==> flow/design.v <==
module reg_word #(parameter N = 8) (
    input wire clk,
    input wire en,
    input wire [N-1:0] d,
    output reg [N-1:0] q
);
    always @(posedge clk)
        if (en) q <= d;
endmodule
module mem_p #(
    parameter NUM_REGS = 128,
    parameter DATA_W = 10,
    parameter RP = 4,
    parameter ADDR_W = $clog2(NUM_REGS)
) (
    input i_clk,
    input in_wr_en,
    input [ADDR_W-1:0] in_write_addr,
    input [DATA_W-1:0] in_wd,
    input [RP*ADDR_W-1:0] in_read_addr,
    output reg [RP*DATA_W-1:0] out_rd
);
    wire [NUM_REGS*DATA_W-1:0] array;
    genvar ii;
    generate
        for (ii = 0; ii < NUM_REGS; ii = ii + 1) begin : row
            reg_word #(.N(DATA_W)) i_sub (.clk(i_clk), .en(in_wr_en && in_write_addr == ii), .d(in_wd), .q(array[ii*DATA_W +: DATA_W]));
        end
    endgenerate
    wire [RP*DATA_W-1:0] cur;
    genvar m;
    generate
        for (m = 0; m < RP; m = m + 1) begin : gen
            assign cur[m*DATA_W +: DATA_W] = array[in_read_addr[m*ADDR_W +: ADDR_W]*DATA_W +: DATA_W];
        end
    endgenerate
    always @(posedge i_clk) begin
        out_rd <= cur;
    end
endmodule
From RTL to reports: mem_p
What the tools print for mem_p, step after step. Lines are those of the file above, counted from 1. Operators carry their Yosys type and port widths (W data, S select, Z words). Not given: -

Top: mem_p. Clock: i_clk. Standard-cell library: sky130hd. Corner: tt_025C_1v80.

Word-level counts
Counts by Yosys on the flattened word-level netlist (proc, flatten, opt, wreduce; memories kept). Register bits leave out memories and registers merged into their read ports (data or address); mux counts leave out enables and synchronous resets folded into registers. Print and check cells are left out. Cells with the same type and inputs are merged into one.

Under output and inout port bits stands 40. The figure for elaborated cells is 393. The figure for bits in registers is 1320. For bits of input ports the number is 47.

Reduce/logical cells: 129. The entry for eq/ne operators reads 127. Under shift operators stands 4. Multiply operators: 4.

Operators by type and width (number): $shiftx A1280 B12 Y10 (4); $eq A7 B7 Y1 const B (64); $eq A7 B6 Y1 const B (32); $logic_and A1 B1 Y1 (128); $mul A7 B3 Y10 const B (4); $eq A7 B5 Y1 const B (16); $eq A7 B4 Y1 const B (8); $eq A7 B3 Y1 const B (4); $eq A7 B2 Y1 const B (2); $eq A7 B1 Y1 const B (1); $logic_not A7 Y1 (1).

Depth
Yosys ltp: most cells in a row. Word level: on the elaborated netlist, between registers, memories and ports. Mapped: between sequential cells and ports; inverters and the memories' decode and read muxes count.

For depth in word-level cells the number is 2. The figure for ABC_AREA is 0. Mapped depth: 7. Mapped depth without buffers: 4.

Netlist
The flow's flattened synthesis, as Yosys stat reports it; memories are mapped. The netlist is that of the ABC_AREA named above (0 if unset); the other value can give another one. Totals and module areas in this step are rounded.

Cells by type: sky130_fd_sc_hd__edfxtp_1 (number 1280, total area 3.84E+04 um^2); sky130_fd_sc_hd__mux4_2 (number 1680, total area 3.78E+04 um^2); sky130_fd_sc_hd__clkbuf_1 (number 224, total area 840.806 um^2); sky130_fd_sc_hd__dfxtp_1 (number 40, total area 800.768 um^2); sky130_fd_sc_hd__buf_2 (number 124, total area 620.595 um^2); sky130_fd_sc_hd__nor2_1 (number 128, total area 480.461 um^2); sky130_fd_sc_hd__mux2_2 (number 40, total area 450.432 um^2); sky130_fd_sc_hd__buf_1 (number 38, total area 142.637 um^2); sky130_fd_sc_hd__nand2_1 (number 16, total area 60.058 um^2); sky130_fd_sc_hd__buf_6 (number 4, total area 45.043 um^2); sky130_fd_sc_hd__nand3b_1 (number 5, total area 37.536 um^2); sky130_fd_sc_hd__buf_4 (number 4, total area 30.029 um^2); sky130_fd_sc_hd__nand3_1 (number 6, total area 30.029 um^2); sky130_fd_sc_hd__nor3_1 (number 4, total area 20.019 um^2); sky130_fd_sc_hd__or3b_2 (number 2, total area 17.517 um^2); sky130_fd_sc_hd__nand2b_1 (number 2, total area 12.512 um^2); sky130_fd_sc_hd__nor2b_1 (number 2, total area 12.512 um^2); sky130_fd_sc_hd__and3b_1 (number 1, total area 8.758 um^2).

Not listed: further types 3, cells in them 3.

For cell count the number is 3603. The figure for synthesis area is 0.0799 mm^2. Under flip-flop cells stands 1320. The figure for buffers is 394.

The figures by module come from a second, unflattened synthesis with its own total; it is not the netlist above.

The figure for cells (unflattened synthesis) is 3603. The figure for area (unflattened synthesis) is 0.0799 mm^2.

Each row is one instance without its submodules.

By module: mem_p (seq. area 0.000801 mm^2, cells 2323, times used 1, area 0.0415 mm^2); reg_word (N=10) (seq. area 0.0003 mm^2, cells 10, times used 128, area 0.0003 mm^2).

Timing after synthesis
Path of least setup slack by OpenSTA after synthesis, without wires, with an ideal clock, recovery checks aside; 20% of the period is set as input and as output delay. Where synthesis merged equal registers, the netlist keeps one of their names.

Path type: input to register. Start: input port in_read_addr[0]. End: register out_rd[0]. For data arrival time the number is 3.203 ns. For required time the number is 3.839 ns. The figure for stages is 6. Under path delay stands 2.532 ns. The figure for setup time is 0.121 ns. Under clock period stands 3.96 ns. Under slack stands 0.636 ns. Under external input delay stands 0.792 ns. Under period reached after synthesis stands 3.324 ns.

"path delay" is the arrival time less input delay plus setup time. "stages": output pins that drive a net of the path, with the launching flip-flop's if there is one; two outputs of one cell count as two. "period reached after synthesis" is the clock period less the worst setup slack; recovery checks do not enter. This is arithmetic on one report: input and output delays are still those of the set period (20% each). The rows between start and end are the longest chain of elaborated cells between them; the timing report does not say that the signal goes this way. Where chains are equally long, one stands for them. A line is the first line of the expression or statement that the cell stems from. Yosys adds cells for indexed reads and writes and turns some case tables into memories.

Path through: sky130_fd_sc_hd__clkbuf_1 > sky130_fd_sc_hd__buf_1 > sky130_fd_sc_hd__mux4_2 > sky130_fd_sc_hd__mux4_2 > sky130_fd_sc_hd__mux4_2 > sky130_fd_sc_hd__mux2_2. The entry for length of the longest elaborated chain reads 2.

RTL lines, path after synthesis: from (decl) (RTL line 20) `input [RP*ADDR_W-1:0] in_read_addr,`; $mul A7 B3 Y10 (RTL line 34) `assign cur[m*DATA_W +: DATA_W] = array[in_read_addr[m*ADDR_W +: ADDR_W]*DATA_W +: DATA_W];`; $shiftx A1280 B12 Y10 (RTL line 34); to (assign) (RTL line 38) `out_rd <= cur;`; to (decl) (RTL line 21) `output reg [RP*DATA_W-1:0] out_rd`.

Timing after layout
Path of least setup slack in the final report of flow run A (OpenROAD, finished layout, wires in). Where an end is a register, its clock arrival counts in the times.

Path type: input to register. Start: input port in_read_addr[21]. End: register out_rd[37]. The figure for setup time is 0.14 ns. Under external input delay stands 0.84 ns. Under clock period stands 4.2 ns. The figure for stages is 8. For data arrival time the number is 3.85 ns. Under slack stands 1.00 ns. For required time the number is 4.85 ns.

The rows between start and end are the longest chain of elaborated cells between them; the timing report does not say that the signal goes this way. Where chains are equally long, one stands for them.

Path through: sky130_fd_sc_hd__buf_8 > sky130_fd_sc_hd__buf_12 > sky130_fd_sc_hd__buf_12 > sky130_fd_sc_hd__buf_12 > sky130_fd_sc_hd__mux4_2 > sky130_fd_sc_hd__mux4_2 > sky130_fd_sc_hd__mux4_2 > sky130_fd_sc_hd__mux2_2. The entry for length of the longest elaborated chain reads 2.

RTL lines, path post-layout: from (decl) (RTL line 20) `input [RP*ADDR_W-1:0] in_read_addr,`; $mul A7 B3 Y10 (RTL line 34) `assign cur[m*DATA_W +: DATA_W] = array[in_read_addr[m*ADDR_W +: ADDR_W]*DATA_W +: DATA_W];`; $shiftx A1280 B12 Y10 (RTL line 34); to (assign) (RTL line 38) `out_rd <= cur;`; to (decl) (RTL line 21) `output reg [RP*DATA_W-1:0] out_rd`.

Data sheet: physical implementation of mem_p

Record of 3 stored runs of the RTL-to-layout flow on mem_p, platform sky130hd. The runs are unordered. Constraints: input delay and output delay 20% of the set period each, output load 0.01 pF. "period reached" means the clock period less the worst setup slack. The figure is calculated, with input and output delays left at 20% of the set period. "time of the worst setup path" = time allowed to the worst setup path (clock period - input delay - output delay, where it has them) - its slack; a late launch clock adds to it, a late capture clock takes from it. "power": no workload was simulated; the value follows from the tool's default switching activity. Values from the reports are rounded here.

Files of flow run A:
==> flow/run.sh <==
#!/bin/bash
# the make line also repeats the synthesis and layout settings of config.mk as NAME=value (left out here)
make -C /OpenROAD-flow-scripts/flow DESIGN_CONFIG=/design/flow/config.mk WORK_HOME=/design/flow/orfs CLKGATE_MAP_FILE= finish
==> flow/config.mk <==
export PLATFORM = sky130hd
export DESIGN_NAME = mem_p
export DESIGN_NICKNAME = mem_p
export VERILOG_FILES = /design/flow/design.v
export SDC_FILE = /design/flow/constraint.sdc
export NUM_CORES = 4
export LEC_CHECK = 0
export CAP_MARGIN = 20
export CORE_ASPECT_RATIO = 1.08
export CORE_MARGIN = 7
export CORE_UTILIZATION = 48
export CTS_CLUSTER_DIAMETER = 77
export GPL_ROUTABILITY_DRIVEN = 1
export GPL_TIMING_DRIVEN = 1
export PLACE_DENSITY_LB_ADDON = 0.14
export SLEW_MARGIN = 20
==> flow/constraint.sdc <==
create_clock -name core_clock -period 4.2 [get_ports {i_clk}]
set_input_delay 0.8400 -clock core_clock [delete_from_list [all_inputs] [get_ports {i_clk}]]
set_output_delay 0.8400 -clock core_clock [all_outputs]
set_load 0.01 [all_outputs]

Results of flow run A. The chip area after synthesis (Yosys) is 0.0799 mm^2. The measured total die area is 0.178 mm^2. The area of the standard cells in the finished layout stands at 0.0909 mm^2. For the utilization after layout the run shows 0.55. The setup slack of the worst path stands at 0.996 ns. The measured sum of negative setup slack is 0.000 ns. For the worst hold slack the run shows 0.507 ns. The power reads 32.9 mW. The period reached reads 3.204 ns. The time of the worst setup path reads 2.36 ns. Class of the worst setup path: input to register.

Files of flow run B:
==> flow/run.sh <==
#!/bin/bash
# the make line also repeats the synthesis and layout settings of config.mk as NAME=value (left out here)
make -C /OpenROAD-flow-scripts/flow DESIGN_CONFIG=/design/flow/config.mk WORK_HOME=/design/flow/orfs CLKGATE_MAP_FILE= finish
==> flow/config.mk <==
export PLATFORM = sky130hd
export DESIGN_NAME = mem_p
export DESIGN_NICKNAME = mem_p
export VERILOG_FILES = /design/flow/design.v
export SDC_FILE = /design/flow/constraint.sdc
export NUM_CORES = 4
export LEC_CHECK = 0
export CAP_MARGIN = 40
export CORE_MARGIN = 2
export CORE_UTILIZATION = 22
export CTS_CLUSTER_SIZE = 59
export GPL_ROUTABILITY_DRIVEN = 1
export MAX_ROUTING_LAYER = met4
export MIN_ROUTING_LAYER = met1
export PLACE_DENSITY = 0.79
export SLEW_MARGIN = 20
==> flow/constraint.sdc <==
create_clock -name core_clock -period 3.1 [get_ports {i_clk}]
set_input_delay 0.6200 -clock core_clock [delete_from_list [all_inputs] [get_ports {i_clk}]]
set_output_delay 0.6200 -clock core_clock [all_outputs]
set_load 0.01 [all_outputs]

Results of flow run B. The chip area after synthesis (Yosys) is 0.0799 mm^2. The measured total die area is 0.368 mm^2. The area of the standard cells in the finished layout stands at 0.0971 mm^2. For the utilization after layout the run shows 0.268. The setup slack of the worst path stands at 0.268 ns. The measured sum of negative setup slack is 0.000 ns. For the worst hold slack the run shows 0.125 ns. The power reads 44.4 mW. The period reached reads 2.832 ns. The time of the worst setup path reads 2.21 ns. Class of the worst setup path: register to output.

Files of flow run C:
==> flow/run.sh <==
#!/bin/bash
# the make line also repeats the synthesis and layout settings of config.mk as NAME=value (left out here)
make -C /OpenROAD-flow-scripts/flow DESIGN_CONFIG=/design/flow/config.mk WORK_HOME=/design/flow/orfs CLKGATE_MAP_FILE= finish
==> flow/config.mk <==
export PLATFORM = sky130hd
export DESIGN_NAME = mem_p
export DESIGN_NICKNAME = mem_p
export VERILOG_FILES = /design/flow/design.v
export SDC_FILE = /design/flow/constraint.sdc
export NUM_CORES = 4
export LEC_CHECK = 0
export CAP_MARGIN = 20
export CORE_MARGIN = 2
export CORE_UTILIZATION = 40
export SLEW_MARGIN = 20
==> flow/constraint.sdc <==
create_clock -name core_clock -period 3.96 [get_ports {i_clk}]
set_input_delay 0.7920 -clock core_clock [delete_from_list [all_inputs] [get_ports {i_clk}]]
set_output_delay 0.7920 -clock core_clock [all_outputs]
set_load 0.01 [all_outputs]

Results of flow run C. The chip area after synthesis (Yosys) is 0.0799 mm^2. The measured total die area is 0.203 mm^2. The area of the standard cells in the finished layout stands at 0.0926 mm^2. For the utilization after layout the run shows 0.465. The setup slack of the worst path stands at 0.903 ns. The measured sum of negative setup slack is 0.000 ns. For the worst hold slack the run shows 0.518 ns. The power reads 35.4 mW. The period reached reads 3.057 ns. The time of the worst setup path reads 2.26 ns. Class of the worst setup path: input to register.
